==> flow/design.v <==
module my_selector #(
    parameter int WIDTH = 20,
    parameter int LANES = 5
) (
    input  logic sys_clk,
    input  logic RST,
    input  logic [LANES*WIDTH-1:0] data_in,
    input  logic [LANES-1:0] addr_in,
    output logic [WIDTH-1:0] z_o_out
);
    logic [LANES*WIDTH-1:0] data_d1;
    logic [LANES-1:0] addr_d1;
    always_ff @(posedge sys_clk or posedge RST) begin
        if (RST) begin
            data_d1 <= '0;
            addr_d1 <= '0;
        end else begin
            data_d1 <= data_in;
            addr_d1 <= addr_in;
        end
    end
    logic [WIDTH-1:0] work;
    always_comb begin
        work = '0;
        for (int n = 0; n < LANES; n++)
            work = work | (data_d1[n*WIDTH +: WIDTH] & {WIDTH{addr_d1[n]}});
    end
    always_ff @(posedge sys_clk or posedge RST) begin
        if (RST) begin
            z_o_out <= '0;
        end else begin
            z_o_out <= work;
        end
    end
endmodule
### Tool chain data of my_selector

The steps from the RTL of my_selector to its reports follow in flow order.
Line numbers count from 1 in the design file above.
Operators carry their Yosys type and port widths (W data, S select, Z words).
Cell names lack the library's common part.
A cell with -- has no value.

* top module: my_selector
* clock port: sys_clk
* library: sky130hd
* corner: tt_025C_1v80

### Word-level counts

Source: Yosys, flattened and elaborated, memories not mapped. Widths are those after wreduce; folded enables and synchronous resets count as part of the registers. Registers that Yosys merges into a memory's read port (data or address) are not register bits. Print and check cells do not count. Equal cells are merged and count once.

* elaborated cells: 12
* output and inout bits: 20
* input bits: 107
* flip-flop bits (word level): 125

* bitwise operators: 9

Operators by type and width (count)
* $and A20 B20 Y20: 5
* $or A20 B20 Y20: 4

### Depth

Depth = most cells in a row (Yosys ltp): at word level without a register or memory, in the mapped netlist without a sequential cell, where the memories' decode and read muxes count.

* word-level depth: 5
* ABC_AREA: 0
* depth in mapped cells: 3
* mapped depth without buffers: 2

### Synthesis result

Source: synth_stat.txt of the flow (Yosys; design flattened, memories mapped). It holds for the ABC_AREA given above (unset counts as 0); a run with the other value may have another netlist.

Cells by type
* dfrtp_1: count 125, total area 3128 um^2
* a222oi_1: count 20, total area 200.192 um^2
* a22oi_1: count 20, total area 150.144 um^2
* nand2_1: count 20, total area 75.072 um^2
* buf_2: count 6, total area 30.029 um^2
* buf_6: count 2, total area 22.522 um^2
* buf_4: count 2, total area 15.014 um^2
* inv_1: count 1, total area 3.754 um^2

* buffers: 10
* chip area (Yosys): 3624.7 um^2
* flip-flops: 125
* standard cells after synthesis: 196
* area of sequential cells: 3128.0 um^2

### Worst setup path after synthesis

Source: OpenSTA report_checks on the synthesized netlist (no wires, ideal clock, input and output delay 20% of the period each), path of least setup slack; recovery checks are left aside. Register names are those of the netlist, which keeps one name where synthesis merged equal registers.

* kind: register to register
* start: reg addr_d1[0]
* end: reg z_o_out[18]
* arrival: 0.861 ns
* time at the first pin: 0.000 ns
* clock period: 1.24 ns
* slack: 0.248 ns
* buffers on the path: 1
* library setup time: 0.131 ns
* stages on the path: 4
* path delay: 0.992 ns
* required time: 1.109 ns
* synthesis period reached: 0.992 ns

"path delay" = arrival - input delay + setup time.
"stages on the path": output pins that drive a net of the path, with the launching flip-flop's if there is one; two outputs of one cell count as two.
"synthesis period reached" is the clock period less the worst setup slack; recovery checks do not enter. This is arithmetic on one report: input and output delays are still those of the set period (20% each).
The rows between start and end are the longest chain of elaborated cells between them; the timing report does not say that the signal goes this way. Where chains are equally long, one stands for them.
Each line given opens the expression or statement behind the cell; cells for indexed reads and writes are added by Yosys, which also makes memories of some case tables.

* cell sequence: dfrtp_1 -> buf_6 -> a222oi_1 -> nand2_1
* cells in the longest elaborated chain: 5
* elaborated cells on any way between the ends: 5
* RTL lines with such cells: 1
* classes of those cells: 5 x logic

Ends and longest elaborated chain, post-synthesis
* start: declaration: RTL line 12 `logic [LANES-1:0] addr_d1;`
* start: assignment: RTL line 16 `addr_d1 <= '0;`
* start: assignment: RTL line 19 `addr_d1 <= addr_in;`
* $and A20 B20 Y20: RTL line 26 `work = work | (data_d1[n*WIDTH +: WIDTH] & {WIDTH{addr_d1[n]}});`
* $or A20 B20 Y20 x4: RTL line 26
* end: assignment: RTL line 30 `z_o_out <= '0;`
* end: assignment: RTL line 32 `z_o_out <= work;`
* end: declaration: RTL line 9 `output logic [WIDTH-1:0] z_o_out`

### Timing after layout

Path of least setup slack in the final report of run 1 (OpenROAD, finished layout, wires in). Where an end is a register, its clock arrival counts in the times.

* kind: register to output
* start: reg z_o_out[13]
* end: out z_o_out[13]
* arrival: 1.01 ns
* slack: -0.02 ns
* clock period: 1.24 ns
* time at the first pin: 0.50 ns
* external output delay: 0.25 ns
* stages on the path: 2
* buffers on the path: 1
* required time: 0.99 ns

* cell sequence: dfrtp_1 -> buf_2
* cells in the longest elaborated chain: 0
* elaborated cells on any way between the ends: 0
* RTL lines with such cells: 0

Ends and longest elaborated chain, after layout
* start: declaration: RTL line 9 `output logic [WIDTH-1:0] z_o_out`
* start: assignment: RTL line 30 `z_o_out <= '0;`
* start: assignment: RTL line 32 `z_o_out <= work;`
* end: declaration: RTL line 9

Flow measurements of my_selector on sky130hd: 3 stored runs with different settings, listed in no order. Input and output delays are each 20% of the period that was set; the output load is 0.01 pF.
"period reached": clock period set for the run, less the worst setup slack. It is reckoned from that one timing run; input and output delays stay at 20% of the period that was set.
"worst setup path time" = time allowed to the worst setup path (clock period - input delay - output delay, where it has them) - its slack; a late launch clock adds to it, a late capture clock takes from it.
"power consumption" is the tool's figure for a default switching activity; nothing was simulated.

### Run 1

==> flow/run.sh <==
#!/bin/bash
# the make line also repeats the synthesis and layout settings of config.mk as NAME=value (left out here)
make -C /OpenROAD-flow-scripts/flow DESIGN_CONFIG=/design/flow/config.mk WORK_HOME=/design/flow/orfs CLKGATE_MAP_FILE= finish
==> flow/config.mk <==
export PLATFORM = sky130hd
export DESIGN_NAME = my_selector
export DESIGN_NICKNAME = my_selector
export VERILOG_FILES = /design/flow/design.v
export SDC_FILE = /design/flow/constraint.sdc
export NUM_CORES = 4
export LEC_CHECK = 0
export CAP_MARGIN = 20
export CORE_MARGIN = 2
export CORE_UTILIZATION = 40
export SLEW_MARGIN = 20
==> flow/constraint.sdc <==
create_clock -name core_clock -period 1.24 [get_ports {sys_clk}]
set_input_delay 0.2480 -clock core_clock [delete_from_list [all_inputs] [get_ports {sys_clk}]]
set_output_delay 0.2480 -clock core_clock [all_outputs]
set_load 0.01 [all_outputs]

Results of run 1:
- Power consumption: 10022 µW
- Post-layout utilization: 63.8%
- Total negative slack on setup checks: -0.033 ns
- Overall die area: 9839.6 um^2
- Period reached: 1.257 ns
- Standard-cell area after layout: 5589.1 um^2
- Worst setup path time: 1.01 ns
- Kind of the worst setup path: register to output
- Worst hold slack in the final report: 0.182 ns
- Cell area after synthesis: 3624.7 um^2
- Worst slack on setup checks: -0.017 ns

### Run 2

==> flow/run.sh <==
#!/bin/bash
# the make line also repeats the synthesis and layout settings of config.mk as NAME=value (left out here)
make -C /OpenROAD-flow-scripts/flow DESIGN_CONFIG=/design/flow/config.mk WORK_HOME=/design/flow/orfs CLKGATE_MAP_FILE= finish
==> flow/config.mk <==
export PLATFORM = sky130hd
export DESIGN_NAME = my_selector
export DESIGN_NICKNAME = my_selector
export VERILOG_FILES = /design/flow/design.v
export SDC_FILE = /design/flow/constraint.sdc
export NUM_CORES = 4
export LEC_CHECK = 0
export CAP_MARGIN = 20
export CELL_PAD_IN_SITES_GLOBAL_PLACEMENT = 0
export CORE_MARGIN = 2
export CORE_UTILIZATION = 24
export HOLD_SLACK_MARGIN = 0.19
export MAX_ROUTING_LAYER = met4
export PLACE_DENSITY_LB_ADDON = 0.06
export SETUP_SLACK_MARGIN = 0.38
export SLEW_MARGIN = 25
==> flow/constraint.sdc <==
create_clock -name core_clock -period 1.36 [get_ports {sys_clk}]
set_input_delay 0.2720 -clock core_clock [delete_from_list [all_inputs] [get_ports {sys_clk}]]
set_output_delay 0.2720 -clock core_clock [all_outputs]
set_load 0.01 [all_outputs]

Results of run 2:
- Power consumption: 9203 µW
- Post-layout utilization: 39.1%
- Total negative slack on setup checks: 0.000 ns
- Overall die area: 16102.3 um^2
- Period reached: 1.208 ns
- Standard-cell area after layout: 5720.5 um^2
- Worst setup path time: 0.94 ns
- Kind of the worst setup path: register to output
- Worst hold slack in the final report: 0.297 ns
- Cell area after synthesis: 3624.7 um^2
- Worst slack on setup checks: 0.152 ns

### Run 3

==> flow/run.sh <==
#!/bin/bash
# the make line also repeats the synthesis and layout settings of config.mk as NAME=value (left out here)
make -C /OpenROAD-flow-scripts/flow DESIGN_CONFIG=/design/flow/config.mk WORK_HOME=/design/flow/orfs CLKGATE_MAP_FILE= finish
==> flow/config.mk <==
export PLATFORM = sky130hd
export DESIGN_NAME = my_selector
export DESIGN_NICKNAME = my_selector
export VERILOG_FILES = /design/flow/design.v
export SDC_FILE = /design/flow/constraint.sdc
export NUM_CORES = 4
export LEC_CHECK = 0
export CAP_MARGIN = 20
export CORE_MARGIN = 2
export CORE_UTILIZATION = 61
export CTS_CLUSTER_DIAMETER = 327
export CTS_CLUSTER_SIZE = 19
export GPL_TIMING_DRIVEN = 1
export PLACE_DENSITY_LB_ADDON = 0.27
export SLEW_MARGIN = 20
==> flow/constraint.sdc <==
create_clock -name core_clock -period 0.906 [get_ports {sys_clk}]
set_input_delay 0.1812 -clock core_clock [delete_from_list [all_inputs] [get_ports {sys_clk}]]
set_output_delay 0.1812 -clock core_clock [all_outputs]
set_load 0.01 [all_outputs]

Outcome of run 3: did not finish, clock tree synthesis stopped with DPL-0033
